==> flow/design.v <==
module sync_sum_block_v2 #(
   parameter XLEN = 56,
   parameter SLICE = 4
) (
   input aclk,
   input RSTN,
   input [XLEN-1:0] in_src1,
   input [XLEN-1:0] in_src2,
   input in_cy_in,
   output [XLEN-1:0] out_sum,
   output out_ovf
);
   reg [XLEN-1:0] src1_d1;
   reg [XLEN-1:0] src2_d1;
   reg cy_in_d1;
   always @(posedge aclk or negedge RSTN) begin
      if (!RSTN) begin
         src1_d1 <= 0;
         src2_d1 <= 0;
         cy_in_d1 <= 1'b0;
      end else begin
         src1_d1 <= in_src1;
         src2_d1 <= in_src2;
         cy_in_d1 <= in_cy_in;
      end
   end
   localparam NG = XLEN / SLICE;
   wire [XLEN-1:0] val;
   wire [NG:0] cy;
   assign cy[0] = cy_in_d1;
   genvar ii;
   generate
      for (ii = 0; ii < NG; ii = ii + 1) begin : row
         wire [SLICE:0] s0 = src1_d1[ii*SLICE +: SLICE] + src2_d1[ii*SLICE +: SLICE];
         wire [SLICE:0] s1 = src1_d1[ii*SLICE +: SLICE] + src2_d1[ii*SLICE +: SLICE] + 1'b1;
         assign {cy[ii+1], val[ii*SLICE +: SLICE]} = cy[ii] ? s1 : s0;
      end
   endgenerate
   reg [XLEN-1:0] sum_d1;
   always @(posedge aclk or negedge RSTN) begin
      if (!RSTN) begin
         sum_d1 <= 0;
      end else begin
         sum_d1 <= val;
      end
   end
   assign out_sum = sum_d1;
   reg ovf_d1;
   always @(posedge aclk or negedge RSTN) begin
      if (!RSTN) begin
         ovf_d1 <= 1'b0;
      end else begin
         ovf_d1 <= cy[NG];
      end
   end
   assign out_ovf = ovf_d1;
endmodule
-- Step by step through the tools: sync_sum_block_v2
The steps from the RTL of sync_sum_block_v2 to its reports follow in flow order.
Lines are those of the file above, counted from 1.
Not given: n/a
- top: sync_sum_block_v2
- clock input: aclk
- library: sky130hd
- timing corner: tt_025C_1v80

-- Word-level counts
Yosys after proc, flatten, opt, wreduce and memory -nomap, before mapping. Enables and synchronous resets that opt folds into registers are not counted as muxes. Memory bits, and registers merged into a memory's read port (data or address), are not among the register bits. Print and check cells are not counted. Equal cells are merged and count once.
- multiplexer cells at 14
- add/sub/neg operators: 28
- operators with widths (kind ; count):
    4-bit by 4-bit adder with 5-bit output ; 14
    5-bit by 1-bit adder with 5-bit output with constant B ; 14
    5-bit two-way mux ; 14
- bits in registers: 170
- noted word-level cells: 47

-- Logic depth
Longest topological path by Yosys (ltp), each cell counted once; first at word level (registers and memories cut), then after technology mapping (sequential cells cut; the memories' decode and read muxes count).
- word-level depth: 16
- ABC_AREA at 0
- mapped depth: 20

-- Synthesis result
The flow's flattened synthesis, as Yosys stat reports it; memories are mapped. The netlist is that of the ABC_AREA named above (0 if unset); the other value can give another one.
- noted sequential area: 4254.1 um^2
- noted buffer cells: 1
- mapped flip-flops: 170
- cell count: 512
- cell area after synthesis: 7374.6 um^2
- cells by type (cell ; count ; area in all (um^2)):
    sky130_fd_sc_hd__dfrtp_1 ; 170 ; 4254.08
    sky130_fd_sc_hd__ha_1 ; 70 ; 875.84
    sky130_fd_sc_hd__xnor2_1 ; 52 ; 455.437
    sky130_fd_sc_hd__xor2_1 ; 33 ; 289.027
    sky130_fd_sc_hd__fa_1 ; 14 ; 280.269
    sky130_fd_sc_hd__a21o_1 ; 28 ; 210.202
    sky130_fd_sc_hd__a21oi_1 ; 28 ; 140.134
    sky130_fd_sc_hd__mux2i_1 ; 12 ; 120.115
    sky130_fd_sc_hd__nand4_1 ; 13 ; 81.328
    sky130_fd_sc_hd__mux2_2 ; 7 ; 78.826
    sky130_fd_sc_hd__nand3b_1 ; 10 ; 75.072
    sky130_fd_sc_hd__nand2_1 ; 19 ; 71.318
    sky130_fd_sc_hd__mux2_1 ; 6 ; 67.565
    sky130_fd_sc_hd__and2_1 ; 8 ; 50.048
    sky130_fd_sc_hd__nand3_1 ; 9 ; 45.043
    sky130_fd_sc_hd__nand4b_1 ; 5 ; 43.792
    sky130_fd_sc_hd__mux2i_2 ; 2 ; 27.526
    sky130_fd_sc_hd__nand4bb_1 ; 2 ; 22.522
Other cell types: 17; their cells: 24.

-- Timing after synthesis
Source: OpenSTA report_checks on the synthesized netlist (no wires, ideal clock, input and output delay 20% of the period each), path of least setup slack; recovery checks are left aside. Register names are those of the netlist, which keeps one name where synthesis merged equal registers.
- path kind: flip-flop to flip-flop
- start: register src1_d1[0]
- end: register sum_d1[53]
- arrival: 6.093 ns
- noted setup slack: 1.559 ns
- noted stages on the path: 21
- clock period at 7.78 ns
- time at the first pin: 0.000 ns
- noted path delay: 6.221 ns
- setup time: 0.128 ns
- path buffers: 0
- noted synthesis period reached: 6.221 ns
"path delay" is the arrival time less input delay plus setup time.
"stages on the path": output pins that drive a net of the path, with the launching flip-flop's if there is one; two outputs of one cell count as two.
"synthesis period reached" = period - worst setup slack (recovery checks aside). The figure is calculated, with input and output delays left at 20% of the set period.
Between the ends stands the longest chain of elaborated cells between them, by number of cells; it is not shown to be the way that was timed. Of several equally long chains one is given.
A line is the first line of the expression or statement that the cell stems from. Yosys adds cells for indexed reads and writes and turns some case tables into memories.
- path through: sky130_fd_sc_hd__dfrtp_1 -> sky130_fd_sc_hd__ha_1 -> sky130_fd_sc_hd__fa_1 -> sky130_fd_sc_hd__ha_1 -> sky130_fd_sc_hd__and2_1 -> sky130_fd_sc_hd__a21oi_1 -> sky130_fd_sc_hd__a31o_2 -> sky130_fd_sc_hd__a221oi_2 -> sky130_fd_sc_hd__mux2i_1 -> sky130_fd_sc_hd__mux2i_1 -> sky130_fd_sc_hd__mux2i_1 -> sky130_fd_sc_hd__mux2i_1 -> sky130_fd_sc_hd__mux2i_1 -> sky130_fd_sc_hd__mux2i_1 -> sky130_fd_sc_hd__mux2i_1 -> sky130_fd_sc_hd__mux2i_2 -> sky130_fd_sc_hd__mux2i_1 -> sky130_fd_sc_hd__mux2i_1 -> sky130_fd_sc_hd__mux2i_2 -> sky130_fd_sc_hd__xnor2_1 -> sky130_fd_sc_hd__mux2_1
- noted length of the longest elaborated chain: 16
- elaborated cells between the ends (all ways): 16
- RTL lines, path after synthesis (element ; line ; RTL):
    start: declaration ; 13 ; reg [XLEN-1:0] src1_d1;
    start: assignment ; 18 ; src1_d1 <= 0;
    start: assignment ; 22 ; src1_d1 <= in_src1;
    4-bit by 4-bit adder with 5-bit output ; 35 ; wire [SLICE:0] s1 = src1_d1[ii*SLICE +: SLICE] + src2_d1[ii*SLICE +: SLICE] + 1'b1;
    5-bit by 1-bit adder with 5-bit output ; 35 ;
    5-bit two-way mux (14 in a row) ; 36 ; assign {cy[ii+1], val[ii*SLICE +: SLICE]} = cy[ii] ? s1 : s0;
    end: assignment ; 42 ; sum_d1 <= 0;
    end: assignment ; 44 ; sum_d1 <= val;
    end: declaration ; 39 ; reg [XLEN-1:0] sum_d1;

-- Path in the finished layout
Path of least setup slack in the final report of record 1 (OpenROAD, finished layout, wires in). Where an end is a register, its clock arrival counts in the times.
- path kind: flip-flop to flip-flop
- start: register src1_d1[0]
- end: register sum_d1[53]
- noted setup slack: 0.63 ns
- clock period at 7.74 ns
- arrival: 7.43 ns
- path buffers: 0
- noted stages on the path: 21
- setup time: 0.11 ns
- time at the first pin: 0.42 ns
Between the ends stands the longest chain of elaborated cells between them, by number of cells; it is not shown to be the way that was timed. Of several equally long chains one is given.
- path through: sky130_fd_sc_hd__dfrtp_1 -> sky130_fd_sc_hd__ha_1 -> sky130_fd_sc_hd__fa_1 -> sky130_fd_sc_hd__ha_1 -> sky130_fd_sc_hd__nand2_1 -> sky130_fd_sc_hd__o21ai_0 -> sky130_fd_sc_hd__nand4_2 -> sky130_fd_sc_hd__a221oi_2 -> sky130_fd_sc_hd__mux2i_2 -> sky130_fd_sc_hd__mux2i_1 -> sky130_fd_sc_hd__mux2i_1 -> sky130_fd_sc_hd__mux2i_1 -> sky130_fd_sc_hd__mux2i_1 -> sky130_fd_sc_hd__mux2i_2 -> sky130_fd_sc_hd__mux2i_1 -> sky130_fd_sc_hd__mux2i_2 -> sky130_fd_sc_hd__mux2i_2 -> sky130_fd_sc_hd__mux2i_1 -> sky130_fd_sc_hd__mux2i_2 -> sky130_fd_sc_hd__xnor2_1 -> sky130_fd_sc_hd__mux2_1
- noted length of the longest elaborated chain: 16
- elaborated cells between the ends (all ways): 16
- RTL lines, path post-layout (element ; line ; RTL):
    start: declaration ; 13 ; reg [XLEN-1:0] src1_d1;
    start: assignment ; 18 ; src1_d1 <= 0;
    start: assignment ; 22 ; src1_d1 <= in_src1;
    4-bit by 4-bit adder with 5-bit output ; 35 ; wire [SLICE:0] s1 = src1_d1[ii*SLICE +: SLICE] + src2_d1[ii*SLICE +: SLICE] + 1'b1;
    5-bit by 1-bit adder with 5-bit output ; 35 ;
    5-bit two-way mux (14 in a row) ; 36 ; assign {cy[ii+1], val[ii*SLICE +: SLICE]} = cy[ii] ? s1 : s0;
    end: assignment ; 42 ; sum_d1 <= 0;
    end: assignment ; 44 ; sum_d1 <= val;
    end: declaration ; 39 ; reg [XLEN-1:0] sum_d1;

## Implementation results

Top module sync_sum_block_v2; platform sky130hd; tools Yosys and OpenROAD; 3 stored runs in no particular order. Input and output delays are each 20% of the period that was set; the output load is 0.01 pF.
"worst setup path time": the worst setup path's part of the clock period (all of it between registers, 20% less for each end at a port) less its slack. A launch clock that arrives late makes it longer, a capture clock that arrives late makes it shorter.

Record 1
Settings were period_ns = 7.74; CORE_UTILIZATION = 27; SETUP_SLACK_MARGIN = 0.08; PLACE_DENSITY_LB_ADDON = 0.05; CORE_ASPECT_RATIO = 0.72; CELL_PAD_IN_SITES_DETAIL_PLACEMENT = 1; CTS_CLUSTER_SIZE = 13; SLEW_MARGIN = 40; MIN_ROUTING_LAYER = met1; CAP_MARGIN = 20; CORE_MARGIN = 2
- noted the chip area in the Yosys report: 7374.6 um^2
- noted the die outline area: 28669.6 um^2
- noted the standard-cell area after layout: 10159.7 um^2
- worst setup slack after layout: 0.630 ns
- total negative slack: 0.000 ns
- noted the smallest hold slack: 0.571 ns
- worst setup path time: 7.11 ns
- worst path kind: flip-flop to flip-flop

Record 2
Settings were period_ns = 7.78; CAP_MARGIN = 20; CORE_MARGIN = 2; CORE_UTILIZATION = 40; SLEW_MARGIN = 20
- noted the chip area in the Yosys report: 7374.6 um^2
- noted the die outline area: 19538.4 um^2
- noted the standard-cell area after layout: 9962.0 um^2
- worst setup slack after layout: 0.835 ns
- total negative slack: 0.000 ns
- noted the smallest hold slack: 0.603 ns
- worst setup path time: 6.95 ns
- worst path kind: flip-flop to flip-flop

Record 3
Settings were period_ns = 5.02; CORE_UTILIZATION = 21; SETUP_SLACK_MARGIN = 1.17; PLACE_DENSITY_LB_ADDON = 0.27; CELL_PAD_IN_SITES_DETAIL_PLACEMENT = 1; TNS_END_PERCENT = 75; GPL_ROUTABILITY_DRIVEN = 1; CTS_CLUSTER_SIZE = 58; SLEW_MARGIN = 15; MAX_ROUTING_LAYER = met4; CAP_MARGIN = 20; CORE_MARGIN = 2
- noted the chip area in the Yosys report: 7374.6 um^2
- noted the die outline area: 36632.0 um^2
- noted the standard-cell area after layout: 10968.0 um^2
- worst setup slack after layout: -1.115 ns
- total negative slack: -13.411 ns
- noted the smallest hold slack: 0.606 ns
- worst setup path time: 6.13 ns
- worst path kind: flip-flop to flip-flop
